==> flow/design.v <==
module ex_aligner_mod (CLK, srst, ch, amt, result);
  parameter integer NBITS = 28;
  localparam integer SW = $clog2(NBITS);
  input CLK;
  input srst;
  input [NBITS-1:0] ch;
  input [SW-1:0] amt;
  output [NBITS-1:0] result;
  wire [NBITS-1:0] nd [0:SW];
  assign nd[0] = ch;
  genvar i;
  generate
    for (i = 0; i < SW; i = i + 1) begin : slice
      assign nd[i+1] = amt[i] ? nd[i] >> (1 << i) : nd[i];
    end
  endgenerate
  reg [NBITS-1:0] result_s;
  assign result = result_s;
  always @(posedge CLK or posedge srst) begin
    if (srst) begin
      result_s <= 0;
    end else begin
      result_s <= nd[SW];
    end
  end
endmodule
# Reports on ex_aligner_mod
# Tool output for the design above, in the order of the flow.
# Line numbers count from 1 in the design file above.
# Operators: Yosys type, input widths -> output width; for muxes data width and select width s.
# Cell names lack the library's common part.
# The mark n/a stands for no value.
# inputs
top	ex_aligner_mod
clock_port	CLK
cell_library	sky130hd
corner	tt_025C_1v80

# Elaborated design
# Yosys after proc, flatten, opt, wreduce and memory -nomap, before mapping. Enables and synchronous resets that opt folds into registers are not counted as muxes. Memory bits, and registers merged into a memory's read port (data or address), are not among the register bits. Print and check cells are not counted. Equal cells are merged and count once.
# word_totals
reg_bits	28
elab_cells	6
# op_classes
n_mux	5
# op_table
op	n
$mux 28	5

# Depth
# Longest topological path by Yosys (ltp), each cell counted once; first at word level (registers and memories cut), then after technology mapping (sequential cells cut; the memories' decode and read muxes count).
# depth
depth_word	5
ABC_AREA	0
ltp_mapped	7
mapped_depth_nobuf	4

# After synthesis
# Source: synth_stat.txt of the flow (Yosys; design flattened, memories mapped). It holds for the ABC_AREA given above (unset counts as 0); a run with the other value may have another netlist.
# The area totals of this step are shown rounded.
# by_type
cell	n
dfrtp_1	28
mux4_2	19
mux2i_1	21
mux2_2	8
nor2_1	20
a211oi_1	7
nand2_1	12
a22oi_1	5
nor2b_1	5
o22ai_1	5
buf_2	6
mux2_4	2
nand3_1	6
clkbuf_1	7
o221ai_1	3
o21ai_1	5
buf_6	2
nand3b_1	3
# Not listed: further types 22, cells in them 36.
# synth_totals
cell_count	200
area_mm2	0.002165
seqArea_mm2	0.0007007
ff_cells	28
buf_cells	17

# Path before layout
# OpenSTA on the mapped netlist: ideal clock, no wires. The path of least setup slack (recovery checks aside). Input and output delay are each 20% of the period. Register names are those of the netlist, which keeps one name where synthesis merged equal registers.
# synth_path
path_type	in2reg
startpoint	in amt[0]
endpoint	reg result_s[4]
clock_period_ns	2.16
in_delay_ns	0.432
setup_time_ns	0.128
t_first_pin_ns	0.432
arrival_ns	1.688
path_slack_ns	0.344
delay_ns	1.384
path_stages	6
period_less_setup_slack_ns	1.816
# "delay_ns" is the arrival time less input delay plus setup time.
# "path_stages" counts driving pins, that of a launching flip-flop among them; a cell with two outputs on the path counts twice.
# "period_less_setup_slack_ns" is the clock period less the worst setup slack; recovery checks do not enter. This is arithmetic on one report: input and output delays are still those of the set period (20% each).
# The rows between start and end are the longest chain of elaborated cells between them; the timing report does not say that the signal goes this way. Where chains are equally long, one stands for them.
# A line is the first line of the expression or statement that the cell stems from. Yosys adds cells for indexed reads and writes and turns some case tables into memories.
# synth_between
path_cell_list	buf_6 -> buf_12 -> mux4_2 -> mux2_4 -> a22oi_2 -> o21ai_1
elab_chain_cells	5
# synth_rtl
element	line	text
start: declaration	7	input [SW-1:0] amt;
$mux 28 x5	14	assign nd[i+1] = amt[i] ? nd[i] >> (1 << i) : nd[i];
end: assignment	21	result_s <= 0;
end: assignment	23	result_s <= nd[SW];
end: declaration	17	reg [NBITS-1:0] result_s;

# Timing after layout
# Path of least setup slack in the final report of flow run A (OpenROAD, finished layout, wires in). Where an end is a register, its clock arrival counts in the times.
# layout_path
path_type	in2reg
startpoint	in amt[2]
endpoint	reg result_s[6]
clock_period_ns	2.16
in_delay_ns	0.43
setup_time_ns	0.13
t_first_pin_ns	0.43
arrival_ns	2.13
path_slack_ns	0.17
path_stages	6
# The rows between start and end are the longest chain of elaborated cells between them; the timing report does not say that the signal goes this way. Where chains are equally long, one stands for them.
# layout_between
path_cell_list	clkdlybuf4s50_1 -> buf_12 -> mux4_2 -> nor2b_1 -> nor4_1 -> o22ai_1
elab_chain_cells	3
# layout_rtl
element	line	text
start: declaration	7	input [SW-1:0] amt;
$mux 28 x3	14	assign nd[i+1] = amt[i] ? nd[i] >> (1 << i) : nd[i];
end: assignment	21	result_s <= 0;
end: assignment	23	result_s <= nd[SW];
end: declaration	17	reg [NBITS-1:0] result_s;

# Top module ex_aligner_mod; platform sky130hd; tools Yosys and OpenROAD; 3 stored runs in no particular order. Input and output delays are each 20% of the period that was set; the output load is 0.01 pF.
# "timing.achieved_period_ns" = clock period - worst setup slack. The figure is calculated, with input and output delays left at 20% of the set period.
# "worst_path_time_ns" is the time allowed to the run's worst setup path (the clock period less input and output delay, where it has them) less its slack. Clock arrival times count: a late capture clock shortens it, a late launch clock lengthens it.
# "final_power_uw" rests on the timing tool's default activity at the inputs, not on a simulated workload.
# Results are given in rounded form.
# Among the settings, - means not set for that run.
# Results: - = not shown.
setting or result,flow run A,flow run B,flow run C
period_ns,2.16,1.57,2.08
CAP_MARGIN,20,20,20
CORE_MARGIN,2,2,7
CORE_UTILIZATION,40,62,18
SLEW_MARGIN,20,20,15
SETUP_SLACK_MARGIN,-,0.1,-0.02
PLACE_DENSITY_LB_ADDON,-,0.06,0.17
CELL_PAD_IN_SITES_DETAIL_PLACEMENT,-,2,-
TNS_END_PERCENT,-,95,-
ABC_AREA,-,1,-
GPL_TIMING_DRIVEN,-,1,-
CTS_CLUSTER_DIAMETER,-,213,-
HOLD_SLACK_MARGIN,-,-,0.03
MIN_ROUTING_LAYER,-,-,met2
MAX_ROUTING_LAYER,-,-,met4
cell_area_final_mm2,0.003124,-,0.003373
setup_ws_ns,0.165,-,0.064
synth_chip_area_mm2,0.002165,-,0.002165
timing.achieved_period_ns,1.995,-,2.016
worst_path_time_ns,1.56,-,1.60
worstPathKind,in2reg,-,in2reg
final_power_uw,1510,-,1770
finalUtil_frac,0.604,-,0.292
setupTns_ns,0.000,-,0.000
dieArea_mm2,0.006016,-,0.01529
# Flow run B: stopped before the end: placement reported DPL-0033
